==> flow/design.v <==
module core_times #(
    parameter BITS = 16,
    parameter NUM = 3,
    parameter RES_W = 2*BITS + $clog2(NUM)
) (
    input  wire clk_i,
    input  wire aresetn,
    input  wire ce,
    input  wire [NUM*BITS-1:0] in_a,
    input  wire [NUM*BITS-1:0] in_b,
    output reg [RES_W-1:0] out_m
);
    reg [NUM*BITS-1:0] a_s;
    always @(posedge clk_i or negedge aresetn) begin
        if (~aresetn) begin
            a_s <= 0;
        end else if (ce) begin
            a_s <= in_a;
        end
    end
    reg [NUM*BITS-1:0] b_s;
    always @(posedge clk_i or negedge aresetn) begin
        if (~aresetn) begin
            b_s <= 0;
        end else if (ce) begin
            b_s <= in_b;
        end
    end
    reg [RES_W-1:0] r;
    integer n;
    always @* begin
        r = 0;
        for (n = 0; n < NUM; n = n + 1)
            r = r + a_s[n*BITS +: BITS] * b_s[n*BITS +: BITS];
    end
    always @(posedge clk_i or negedge aresetn) begin
        if (~aresetn) begin
            out_m <= 0;
        end else if (ce) begin
            out_m <= r;
        end
    end
endmodule
### From RTL to reports: core_times

Tool output for the design above, in the order of the flow.
Line numbers count from 1 in the design file above.
Cell names lack the library's common part.
A cell with -- has no value.

* design top: core_times
* clock port: clk_i
* cell library: sky130hd
* library corner: tt_025C_1v80

### Elaborated design

Yosys after proc, flatten, opt, wreduce and memory -nomap, before mapping. Enables and synchronous resets that opt folds into registers are not counted as muxes. Memory bits, and registers merged into a memory's read port (data or address), are not among the register bits. Print and check cells are not counted. Equal cells are merged and count once.

* register bits after elaboration: 130
* bits in latches: 0
* memory bits (writable): 0
* memory bits (read-only): 0
* clocked read ports x word width: 0
* memories kept: 0
* bits of input ports: 99
* output and inout port bits: 34
* cells after elaboration: 8

* add/sub/neg operators: 2
* multipliers: 3
* divide/modulo/power cells: 0
* $lt $le $gt $ge: 0
* equal/unequal tests: 0
* shift-type cells: 0
* muxes and demuxes: 0
* bitwise gates (word level): 0
* reduce/logical cells: 0

Operator list (count)
* multiplier 16 x 16 -> 32 bit: 3
* adder 33 x 32 -> 34 bit: 1
* adder 32 x 32 -> 33 bit: 1

### Logic depth

Depth = most cells in a row (Yosys ltp): at word level without a register or memory, in the mapped netlist without a sequential cell, where the memories' decode and read muxes count.

* depth after elaboration: 3
* ABC_AREA: 0
* gate-level depth with buffers: 28
* gate-level depth less buffers: 25

### Mapped cells and area

The flow's flattened synthesis, as Yosys stat reports it; memories are mapped. The netlist is that of the ABC_AREA named above (0 if unset); the other value can give another one.
Totals and module areas in this step are rounded.

* cells in the netlist: 3187
* cell area after synthesis: 0.0314 mm2
* sequential part of the area: 0.00325 mm2
* flip-flops: 130
* buffer cells: 121

Cells by type
* fa_1: count 707, total area 1.42E+04 um2
* ha_1: count 282, total area 3.53E+03 um2
* dfrtp_1: count 130, total area 3253.12 um2
* inv_1: count 844, total area 3.17E+03 um2
* and2_1: count 482, total area 3.02E+03 um2
* mux2_2: count 126, total area 1.42E+03 um2
* nand2_1: count 314, total area 1178.63 um2
* clkbuf_1: count 118, total area 442.925 um2
* xnor2_1: count 20, total area 175.168 um2
* a21oi_1: count 33, total area 165.158 um2
* o21ai_0: count 20, total area 100.096 um2
* xor2_1: count 9, total area 78.826 um2
* nor2_1: count 18, total area 67.565 um2
* a21o_1: count 6, total area 45.043 um2
* nand4_1: count 7, total area 43.792 um2
* o211a_1: count 4, total area 40.038 um2
* o31ai_1: count 5, total area 37.536 um2
* a41oi_2: count 2, total area 32.531 um2

Other cell types: 36; their cells: 60.

### Timing after synthesis

Source: OpenSTA report_checks on the synthesized netlist (no wires, ideal clock, input and output delay 20% of the period each), path of least setup slack; recovery checks are left aside. Register names are those of the netlist, which keeps one name where synthesis merged equal registers.

* path type: register to register
* start point: register b_s[3]
* end point: register out_m[31]
* period: 9.16 ns
* library setup time: 0.125 ns
* time at the first pin: 0.000 ns
* data arrival time: 7.204 ns
* required time: 9.035 ns
* setup slack: 1.831 ns
* path delay: 7.329 ns
* stages on the path: 26
* path buffers: 2
* period reached after synthesis: 7.329 ns

"path delay" = arrival - input delay + setup time.
"stages on the path" counts driving pins, that of a launching flip-flop among them; a cell with two outputs on the path counts twice.
"period reached after synthesis" is the clock period less the worst setup slack; recovery checks do not enter. This is arithmetic on one report: input and output delays are still those of the set period (20% each).
Between the ends stands the longest chain of elaborated cells between them, by number of cells; it is not shown to be the way that was timed. Of several equally long chains one is given.
A line is the first line of the expression or statement that the cell stems from. Yosys adds cells for indexed reads and writes and turns some case tables into memories.

* cell sequence: dfrtp_1 > clkbuf_1 > clkbuf_1 > nand2_1 > fa_1 > inv_1 > fa_1 > inv_1 > fa_1 > fa_1 > fa_1 > inv_1 > fa_1 > fa_1 > fa_1 > inv_1 > fa_1 > inv_1 > ha_1 > and3_4 > and3b_1 > or3_4 > o21ai_2 > o221ai_2 > xor2_1 > mux2_2
* length of the longest elaborated chain: 3
* elaborated cells on any way between the ends: 3
* source lines of those cells: 1
* those cells by class: 2 x add/sub; 1 x mul

RTL lines, path post-synthesis
* start: declaration: line 21 `reg [NUM*BITS-1:0] b_s;`
* start: assignment: line 24 `b_s <= 0;`
* start: assignment: line 26 `b_s <= in_b;`
* multiplier 16 x 16 -> 32 bit: line 34 `r = r + a_s[n*BITS +: BITS] * b_s[n*BITS +: BITS];`
* adder 32 x 32 -> 33 bit: line 34
* adder 33 x 32 -> 34 bit: line 34
* end: assignment: line 38 `out_m <= 0;`
* end: assignment: line 40 `out_m <= r;`
* end: declaration: line 11 `output reg [RES_W-1:0] out_m`

### Worst path after layout

Path of least setup slack in the final report of record 1 (OpenROAD, finished layout, wires in). Where an end is a register, its clock arrival counts in the times.

* path type: register to register
* start point: register a_s[21]
* end point: register out_m[19]
* period: 5.68 ns
* library setup time: 0.11 ns
* time at the first pin: 0.50 ns
* data arrival time: 7.91 ns
* required time: 6.06 ns
* setup slack: -1.85 ns
* stages on the path: 26
* path buffers: 2

Between the ends stands the longest chain of elaborated cells between them, by number of cells; it is not shown to be the way that was timed. Of several equally long chains one is given.

* cell sequence: dfrtp_1 > buf_4 > nand2_1 > fa_1 > inv_1 > fa_1 > inv_1 > fa_1 > inv_1 > fa_1 > fa_2 > fa_1 > fa_1 > fa_1 > inv_1 > fa_1 > inv_2 > ha_4 > and3_4 > and3b_2 > or3_4 > o21ai_4 > buf_12 > o21ai_1 > xor2_1 > mux2_4
* length of the longest elaborated chain: 3
* elaborated cells on any way between the ends: 3
* source lines of those cells: 1
* those cells by class: 2 x add/sub; 1 x mul

RTL lines, path post-layout
* start: declaration: line 13 `reg [NUM*BITS-1:0] a_s;`
* start: assignment: line 16 `a_s <= 0;`
* start: assignment: line 18 `a_s <= in_a;`
* multiplier 16 x 16 -> 32 bit: line 34 `r = r + a_s[n*BITS +: BITS] * b_s[n*BITS +: BITS];`
* adder 32 x 32 -> 33 bit: line 34
* adder 33 x 32 -> 34 bit: line 34
* end: assignment: line 38 `out_m <= 0;`
* end: assignment: line 40 `out_m <= r;`
* end: declaration: line 11 `output reg [RES_W-1:0] out_m`

Hand-over note for core_times

Design core_times on sky130hd. What follows are 3 stored runs of the flow, each under its own settings; their order means nothing. The constraints put input and output delay at 20% of the set period each and load the outputs with 0.01 pF.
"reached clock period" means the clock period less the worst setup slack. The figure is calculated, with input and output delays left at 20% of the set period.
"time of the worst setup path": the worst setup path's part of the clock period (all of it between registers, 20% less for each end at a port) less its slack. A launch clock that arrives late makes it longer, a capture clock that arrives late makes it shorter.
Values from the reports are rounded here.

### Record 1

Settings: `period_ns=5.68`, `CORE_UTILIZATION=69`, `PLACE_DENSITY_LB_ADDON=0.24`, `TNS_END_PERCENT=45`, `CTS_CLUSTER_DIAMETER=343`, `CAP_MARGIN=20`, `CORE_MARGIN=2`, `SLEW_MARGIN=20`

- Worst slack on setup checks: -1.85 ns
- Utilization in the final report: 82.2 %
- Reached clock period: 7.529 ns
- Setup total negative slack: -41.8 ns
- Chip area in the Yosys report: 0.0314 mm2
- Time of the worst setup path: 7.53 ns
- Type of the worst setup path: register to register
- Total die area: 0.0473 mm2
- Worst-case hold slack: 0.498 ns
- Standard-cell area after routing: 0.0372 mm2

### Record 2

Settings: `period_ns=6.13`, `CORE_UTILIZATION=23`, `PLACE_DENSITY_LB_ADDON=0.07`, `CORE_MARGIN=7`, `GPL_TIMING_DRIVEN=0`, `GPL_ROUTABILITY_DRIVEN=0`, `CTS_CLUSTER_SIZE=40`, `CAP_MARGIN=40`, `MIN_ROUTING_LAYER=met2`, `MAX_ROUTING_LAYER=met5`, `SLEW_MARGIN=20`

- Total die area: 0.147 mm2
- Worst-case hold slack: 0.507 ns
- Utilization in the final report: 28.8 %
- Reached clock period: 7.944 ns
- Chip area in the Yosys report: 0.0314 mm2
- Standard-cell area after routing: 0.039 mm2
- Setup total negative slack: -38.2 ns
- Worst slack on setup checks: -1.81 ns
- Time of the worst setup path: 7.94 ns
- Type of the worst setup path: register to register

### Record 3

Settings: `period_ns=9.16`, `CAP_MARGIN=20`, `CORE_MARGIN=2`, `CORE_UTILIZATION=40`, `SLEW_MARGIN=20`

- Utilization in the final report: 44.3 %
- Setup total negative slack: 0.000 ns
- Standard-cell area after routing: 0.0343 mm2
- Total die area: 0.0808 mm2
- Time of the worst setup path: 8.26 ns
- Type of the worst setup path: register to register
- Reached clock period: 8.258 ns
- Worst-case hold slack: 0.506 ns
- Worst slack on setup checks: 0.902 ns
- Chip area in the Yosys report: 0.0314 mm2

End of note.
